==> flow/design.v <==
module alu_comparator_mod #(
  parameter DW = 10
) (
  input  logic clock,
  input  logic RSTN,
  input  logic [DW-1:0] u,
  input  logic [DW-1:0] v,
  input  logic [DW-1:0] w,
  output logic [DW-1:0] o
);
  logic [DW-1:0] u_s;
  always_ff @(posedge clock or negedge RSTN) begin
    if (!RSTN) begin
      u_s <= '0;
    end else begin
      u_s <= u;
    end
  end
  logic [DW-1:0] v_s;
  always_ff @(posedge clock or negedge RSTN) begin
    if (!RSTN) begin
      v_s <= '0;
    end else begin
      v_s <= v;
    end
  end
  logic [DW-1:0] w_s;
  always_ff @(posedge clock or negedge RSTN) begin
    if (!RSTN) begin
      w_s <= '0;
    end else begin
      w_s <= w;
    end
  end
  assign o = (u_s < v_s) ? v_s : (u_s > w_s) ? w_s : u_s;
endmodule
; ---- Reports on alu_comparator_mod
; What the tools print for alu_comparator_mod, step after step.
; Lines are those of the file above, counted from 1.
; The mark - stands for no value.
[inputs]
top = alu_comparator_mod
clock = clock
lib = sky130hd
pvt_corner = tt_025C_1v80

; ---- After elaboration
; Source: Yosys, flattened and elaborated, memories not mapped. Widths are those after wreduce; folded enables and synchronous resets count as part of the registers. Registers that Yosys merges into a memory's read port (data or address) are not register bits. Print and check cells do not count. Equal cells are merged and count once.
[bits]
ramBits = 0
wordCells = 7
mem_count = 0
latchBits = 0
regBits = 30
clocked_rd_ports_x_width = 0
romBits = 0
inputBits = 32
[classes]
compare = 2
mux = 2
n_eq = 0
add_sub_neg = 0
n_shift = 0
reduce_logical = 0
n_div = 0
multipliers = 0
n_logic = 0
[ops]
columns = cell, count
row1 = 10-bit 2-to-1 mux, 2
row2 = 10-bit greater-than comparator, 1
row3 = 10-bit < comparator, 1

; ---- Depth
; Depth = most cells in a row (Yosys ltp): at word level without a register or memory, in the mapped netlist without a sequential cell, where the memories' decode and read muxes count.
[depth]
depth_word = 3
ABC_AREA = 0
mapped_depth = 8
mapped_depth_nobuf = 7

; ---- After synthesis
; Yosys stat after the flow's synthesis: flattened, memories mapped to cells. It holds for the ABC_AREA given above (unset counts as 0); a run with the other value may have another netlist.
; The area totals of this step are shown rounded.
[types]
columns = type, count, area_total_um2
row1 = sky130_fd_sc_hd__dfrtp_1, 30, 750.72
row2 = sky130_fd_sc_hd__ha_1, 19, 237.728
row3 = sky130_fd_sc_hd__inv_1, 20, 75.072
row4 = sky130_fd_sc_hd__or3_1, 10, 62.56
row5 = sky130_fd_sc_hd__a31oi_1, 8, 50.048
row6 = sky130_fd_sc_hd__nor3_1, 10, 50.048
row7 = sky130_fd_sc_hd__o21ai_0, 10, 50.048
row8 = sky130_fd_sc_hd__a2111oi_4, 1, 27.526
row9 = sky130_fd_sc_hd__a21o_1, 3, 22.522
row10 = sky130_fd_sc_hd__and4_1, 2, 17.517
row11 = sky130_fd_sc_hd__o311ai_2, 1, 16.266
row12 = sky130_fd_sc_hd__a2111oi_2, 1, 15.014
row13 = sky130_fd_sc_hd__clkbuf_1, 4, 15.014
row14 = sky130_fd_sc_hd__o21a_1, 2, 15.014
row15 = sky130_fd_sc_hd__nand2b_4, 1, 13.763
row16 = sky130_fd_sc_hd__a211oi_2, 1, 12.512
row17 = sky130_fd_sc_hd__a31oi_2, 1, 12.512
row18 = sky130_fd_sc_hd__nand4_1, 2, 12.512
; Not listed: further types 12, cells in them 19.
[synth_totals]
cells = 145
mapped_area_um2 = 1560
flip_flops = 30
buffers = 7

; ---- Timing after synthesis
; Path of least setup slack by OpenSTA after synthesis, without wires, with an ideal clock, recovery checks aside; 20% of the period is set as input and as output delay. Where synthesis merged equal registers, the netlist keeps one of their names.
[synth_timing]
path_type = register to output
start = register u_s[5]
end = output port o[1]
required_time_ps = 2384
period_ps = 2980
arrival_ps = 1910
driving_pins = 8
launch_ps = 0
setup_slack_ps = 474
delay_ps = 1910
period_less_setup_slack_ps = 2506
; "delay_ps" = arrival - input delay + setup time.
; At an output port there is no setup time.
; "driving_pins" counts driving pins, that of a launching flip-flop among them; a cell with two outputs on the path counts twice.
; "period_less_setup_slack_ps" is the clock period less the worst setup slack; recovery checks do not enter. This is arithmetic on one report: input and output delays are still those of the set period (20% each).
; The rows between start and end are the longest chain of elaborated cells between them; the timing report does not say that the signal goes this way. Where chains are equally long, one stands for them.
; Each line given opens the expression or statement behind the cell; cells for indexed reads and writes are added by Yosys, which also makes memories of some case tables.
[synth_between]
cell_sequence = sky130_fd_sc_hd__dfrtp_1 sky130_fd_sc_hd__ha_1 sky130_fd_sc_hd__a21oi_1 sky130_fd_sc_hd__o21ai_1 sky130_fd_sc_hd__a2111oi_2 sky130_fd_sc_hd__clkbuf_1 sky130_fd_sc_hd__o21ai_0 sky130_fd_sc_hd__a31oi_1
elab_chain_cells = 3
[synth_lines]
columns = item, line
row1 = start: declaration, 11  ; logic [DW-1:0] u_s;
row2 = start: assignment, 14  ; u_s <= '0;
row3 = start: assignment, 16  ; u_s <= u;
row4 = 10-bit greater-than comparator, 35  ; assign o = (u_s < v_s) ? v_s : (u_s > w_s) ? w_s : u_s;
row5 = 10-bit 2-to-1 mux x2, 35
row6 = end: declaration, 9  ; output logic [DW-1:0] o

; ---- Path in the finished layout
; From the final timing report of record 2: the path of least setup slack in the routed layout; clock arrival at registers is part of the times.
; The report prints the path's times to 10 ps; the period is as set.
[layout_timing]
path_type = register to output
start = register u_s[5]
end = output port o[8]
arrival_ps = 2490
required_time_ps = 2380
driving_pins = 10
launch_ps = 280
setup_slack_ps = -110
period_ps = 2980
; The rows between start and end are the longest chain of elaborated cells between them; the timing report does not say that the signal goes this way. Where chains are equally long, one stands for them.
[layout_between]
cell_sequence = sky130_fd_sc_hd__dfrtp_1 sky130_fd_sc_hd__ha_4 sky130_fd_sc_hd__nand4_1 sky130_fd_sc_hd__a211oi_2 sky130_fd_sc_hd__a2111oi_4 sky130_fd_sc_hd__buf_4 sky130_fd_sc_hd__buf_6 sky130_fd_sc_hd__or3_4 sky130_fd_sc_hd__a31oi_2 sky130_fd_sc_hd__buf_2
elab_chain_cells = 3
[layout_lines]
columns = item, line
row1 = start: declaration, 11  ; logic [DW-1:0] u_s;
row2 = start: assignment, 14  ; u_s <= '0;
row3 = start: assignment, 16  ; u_s <= u;
row4 = 10-bit greater-than comparator, 35  ; assign o = (u_s < v_s) ? v_s : (u_s > w_s) ? w_s : u_s;
row5 = 10-bit 2-to-1 mux x2, 35
row6 = end: declaration, 9  ; output logic [DW-1:0] o

; Stored flow runs of alu_comparator_mod (3 of them; Yosys, OpenROAD, sky130hd). They differ in their settings and are not a sequence. Constraints: input delay and output delay 20% of the set period each, output load 0.01 pF.
; By "clock_period_reached_ps" is meant the clock period of the run minus its worst setup slack. This is arithmetic on one report: input and output delays are still those of the set period (20% each).
; By "worst_path_allowed_less_slack_ps" is meant the share of the clock period that the worst setup path is allowed (20% is reserved at inputs, 20% at outputs), minus its slack. Clock arrival times at its registers enter into it.
; "power_total_mw": no workload was simulated; the value follows from the tool's default switching activity.
; "worst_path_allowed_less_slack_ps" is given in steps of 10 ps.
; The results are shown rounded.

[record 1: settings]
period_ns = 2.43
CORE_UTILIZATION = 64
SETUP_SLACK_MARGIN = 0.73
PLACE_DENSITY_LB_ADDON = 0.1
CORE_MARGIN = 9
ABC_AREA = 1
GPL_TIMING_DRIVEN = 0
GPL_ROUTABILITY_DRIVEN = 1
CTS_CLUSTER_SIZE = 83
SLEW_MARGIN = 15
CAP_MARGIN = 20
[record 1: results]
outcome = no final report: placement broke off with FLW-0024

[record 2: settings]
period_ns = 2.98
CAP_MARGIN = 20
CORE_MARGIN = 2
CORE_UTILIZATION = 40
SLEW_MARGIN = 20
[record 2: results]
synthesis_area_um2 = 1560
die_um2 = 4420
finalCellArea_um2 = 2280
final_util_pct = 61.2
worst_setup_slack_ps = -110
total_negative_slack_ps = -479
power_total_mw = 0.995
clock_period_reached_ps = 3090
worst_path_allowed_less_slack_ps = 2490
critical_path_type = register to output

[record 3: settings]
period_ns = 2.95
CORE_UTILIZATION = 44
SETUP_SLACK_MARGIN = 0.83
PLACE_DENSITY_LB_ADDON = 0.16
HOLD_SLACK_MARGIN = 0.11
CORE_ASPECT_RATIO = 0.94
CELL_PAD_IN_SITES_GLOBAL_PLACEMENT = 0
TNS_END_PERCENT = 10
ABC_AREA = 1
GPL_TIMING_DRIVEN = 1
GPL_ROUTABILITY_DRIVEN = 0
CTS_CLUSTER_SIZE = 44
CAP_MARGIN = 15
SLEW_MARGIN = 15
MIN_ROUTING_LAYER = met1
MAX_ROUTING_LAYER = met4
CORE_MARGIN = 2
[record 3: results]
synthesis_area_um2 = 1590
die_um2 = 4100
finalCellArea_um2 = 2560
final_util_pct = 73.4
worst_setup_slack_ps = 289
total_negative_slack_ps = 0
power_total_mw = 1.10
clock_period_reached_ps = 2661
worst_path_allowed_less_slack_ps = 2070
critical_path_type = register to output
